==> flow/design.v <==
module times_mod #(
  parameter DWIDTH = 7,
  parameter SCALE = 683,
  parameter OUT_W = DWIDTH + $clog2(SCALE + 1)
) (
  input logic clk,
  input logic [DWIDTH-1:0] x,
  output logic [OUT_W-1:0] result
);
  logic [DWIDTH-1:0] x_d1;
  always_ff @(posedge clk) begin
    x_d1 <= x;
  end
  logic [OUT_W-1:0] tmp;
  always_comb begin
    tmp = '0;
    for (int n = 0; n < OUT_W - DWIDTH; n++)
      if ((SCALE >> n) & 1) tmp = tmp + (x_d1 << n);
  end
  assign result = tmp;
endmodule
# Step by step through the tools: times_mod
# The steps from the RTL of times_mod to its reports follow in flow order.
# Line numbers count from 1 in the design file above.
# Library cell names are shortened.
# A cell with - has no value.
# design
top	times_mod
clock_port	clk
lib	sky130hd
corner	tt_025C_1v80

# Elaborated design
# Source: Yosys, flattened and elaborated, memories not mapped. Widths are those after wreduce; folded enables and synchronous resets count as part of the registers. Registers that Yosys merges into a memory's read port (data or address) are not register bits. Print and check cells do not count. Equal cells are merged and count once.
# classes
add_sub_neg	5
# op_table
cell	n
adder 15 x 16 -> 17 bit	1
adder 13 x 14 -> 15 bit	1
adder 11 x 12 -> 13 bit	1
adder 9 x 10 -> 11 bit	1
adder 7 x 8 -> 9 bit	1
# bits
reg_bits	7
input_bits	8
out_inout_bits	17
word_cells	6

# Longest topological paths
# Yosys ltp: most cells in a row. Word level: on the elaborated netlist, between registers, memories and ports. Mapped: between sequential cells and ports; inverters and the memories' decode and read muxes count.
# logic_depth
word_depth	5
abc_area	1
mapped_depth	14
ltp_nobuf	13

# After synthesis
# Yosys stat after the flow's synthesis: flattened, memories mapped to cells. It holds for the ABC_AREA given above (unset counts as 0); a run with the other value may have another netlist.
# Totals and module areas in this step are rounded.
# types
cell	n	type_area_um2
ha_1	24	300.288
nand2_1	51	191.434
fa_1	9	180.173
inv_1	44	165.158
dfxtp_1	7	140.134
xor2_1	7	61.309
nand3_1	10	50.048
nor2_1	10	37.536
a21oi_1	5	25.024
nand4_1	4	25.024
nand3_2	2	20.019
buf_6	1	11.261
nand2_4	1	11.261
a21oi_2	1	8.758
buf_4	1	7.507
and2_1	1	6.256
nand2_2	1	6.256
nor3_1	1	5.005
# Not listed: further types 2, cells in them 2.
# synth_totals
cells	182
synth_area_um2	1260
seqArea_um2	140
flip_flops	7
n_buf	2

# Path before layout
# OpenSTA on the mapped netlist: ideal clock, no wires. The path of least setup slack (recovery checks aside). Input and output delay are each 20% of the period. Register names are those of the netlist, which keeps one name where synthesis merged equal registers.
# synth_path
kind	register to output
from	register x_d1[0]
to	output port result[9]
period_ps	4330
out_delay_ps	866
t_first_pin_ps	0
arrival_time_ps	2418
required_time_ps	3464
path_slack_ps	1046
delay_ps	2418
stages	12
n_path_buf	0
synth_period_reached_ps	3284
# "delay_ps" = arrival - input delay + setup time.
# A path that ends at an output port has no setup time.
# "stages" counts driving pins, that of a launching flip-flop among them; a cell with two outputs on the path counts twice.
# "synth_period_reached_ps" is the clock period less the worst setup slack; recovery checks do not enter. This is arithmetic on one report: input and output delays are still those of the set period (20% each).
# Between the ends stands the longest chain of elaborated cells between them, by number of cells; it is not shown to be the way that was timed. Of several equally long chains one is given.
# Each line given opens the expression or statement behind the cell; cells for indexed reads and writes are added by Yosys, which also makes memories of some case tables.
# synth_via
path_cell_list	dfxtp_1 inv_1 fa_1 inv_1 ha_1 ha_1 fa_1 nand3_1 nand3_2 nand2_1 nand2_1 xor2_1
elab_chain_len	5
cone_cells	5
lines_between	1
cone_classes	add/sub (5)
# synth_rtl
element	line	source
start, declared	10	logic [DWIDTH-1:0] x_d1;
start, assigned	12	x_d1 <= x;
adder 7 x 8 -> 9 bit	18	if ((SCALE >> n) & 1) tmp = tmp + (x_d1 << n);
adder 9 x 10 -> 11 bit	18
adder 11 x 12 -> 13 bit	18
adder 13 x 14 -> 15 bit	18
adder 15 x 16 -> 17 bit	18
end, declared	8	output logic [OUT_W-1:0] result

# Worst path after layout
# Path of least setup slack in the final report of entry A (OpenROAD, finished layout, wires in). Where an end is a register, its clock arrival counts in the times.
# The report prints the path's times to 10 ps; the period is as set.
# layout_path
kind	register to output
from	register x_d1[2]
to	output port result[12]
period_ps	4010
out_delay_ps	800
t_first_pin_ps	220
arrival_time_ps	2700
required_time_ps	3210
path_slack_ps	510
stages	13
n_path_buf	1
# Between the ends stands the longest chain of elaborated cells between them, by number of cells; it is not shown to be the way that was timed. Of several equally long chains one is given.
# layout_via
path_cell_list	dfxtp_2 inv_4 fa_2 inv_2 fa_2 ha_4 nand2_1 nor2_2 nand3_2 nand3_2 nand2_1 nand2_2 buf_6
elab_chain_len	5
cone_cells	5
lines_between	1
cone_classes	add/sub (5)
# layout_rtl
element	line	source
start, declared	10	logic [DWIDTH-1:0] x_d1;
start, assigned	12	x_d1 <= x;
adder 7 x 8 -> 9 bit	18	if ((SCALE >> n) & 1) tmp = tmp + (x_d1 << n);
adder 9 x 10 -> 11 bit	18
adder 11 x 12 -> 13 bit	18
adder 13 x 14 -> 15 bit	18
adder 15 x 16 -> 17 bit	18
end, declared	8	output logic [OUT_W-1:0] result

# Measured data: module times_mod, platform sky130hd, 3 stored runs of the flow under differing settings, order arbitrary. Input and output delays are each 20% of the period that was set; the output load is 0.01 pF.
# "design_power_mw" rests on the timing tool's default activity at the inputs, not on a simulated workload.
# The measured numbers are rounded.
# Among the settings, n/a means not set for that run.
item,entry A,entry B,entry C
period_ns,4.01,6.79,4.33
CORE_UTILIZATION,33,51,40
SETUP_SLACK_MARGIN,1.01,0.25,n/a
CELL_PAD_IN_SITES_DETAIL_PLACEMENT,0,n/a,n/a
ABC_AREA,1,n/a,n/a
CTS_CLUSTER_SIZE,61,13,n/a
CTS_CLUSTER_DIAMETER,70,n/a,n/a
MIN_ROUTING_LAYER,met2,n/a,n/a
CAP_MARGIN,20,30,20
CORE_MARGIN,2,2,2
SLEW_MARGIN,20,25,20
PLACE_DENSITY_LB_ADDON,n/a,0.21,n/a
TNS_END_PERCENT,n/a,100,n/a
MAX_ROUTING_LAYER,n/a,met5,n/a
synthesis_area_um2,1260,1110,1110
die_um2,4340,2570,3220
final_cell_area_um2,2040,1390,1470
setup_ws_ps,510,1730,208
tns_setup_ps,0,0,0
hold_ws_ps,1010,1560,1070
design_power_mw,0.944,0.403,0.642
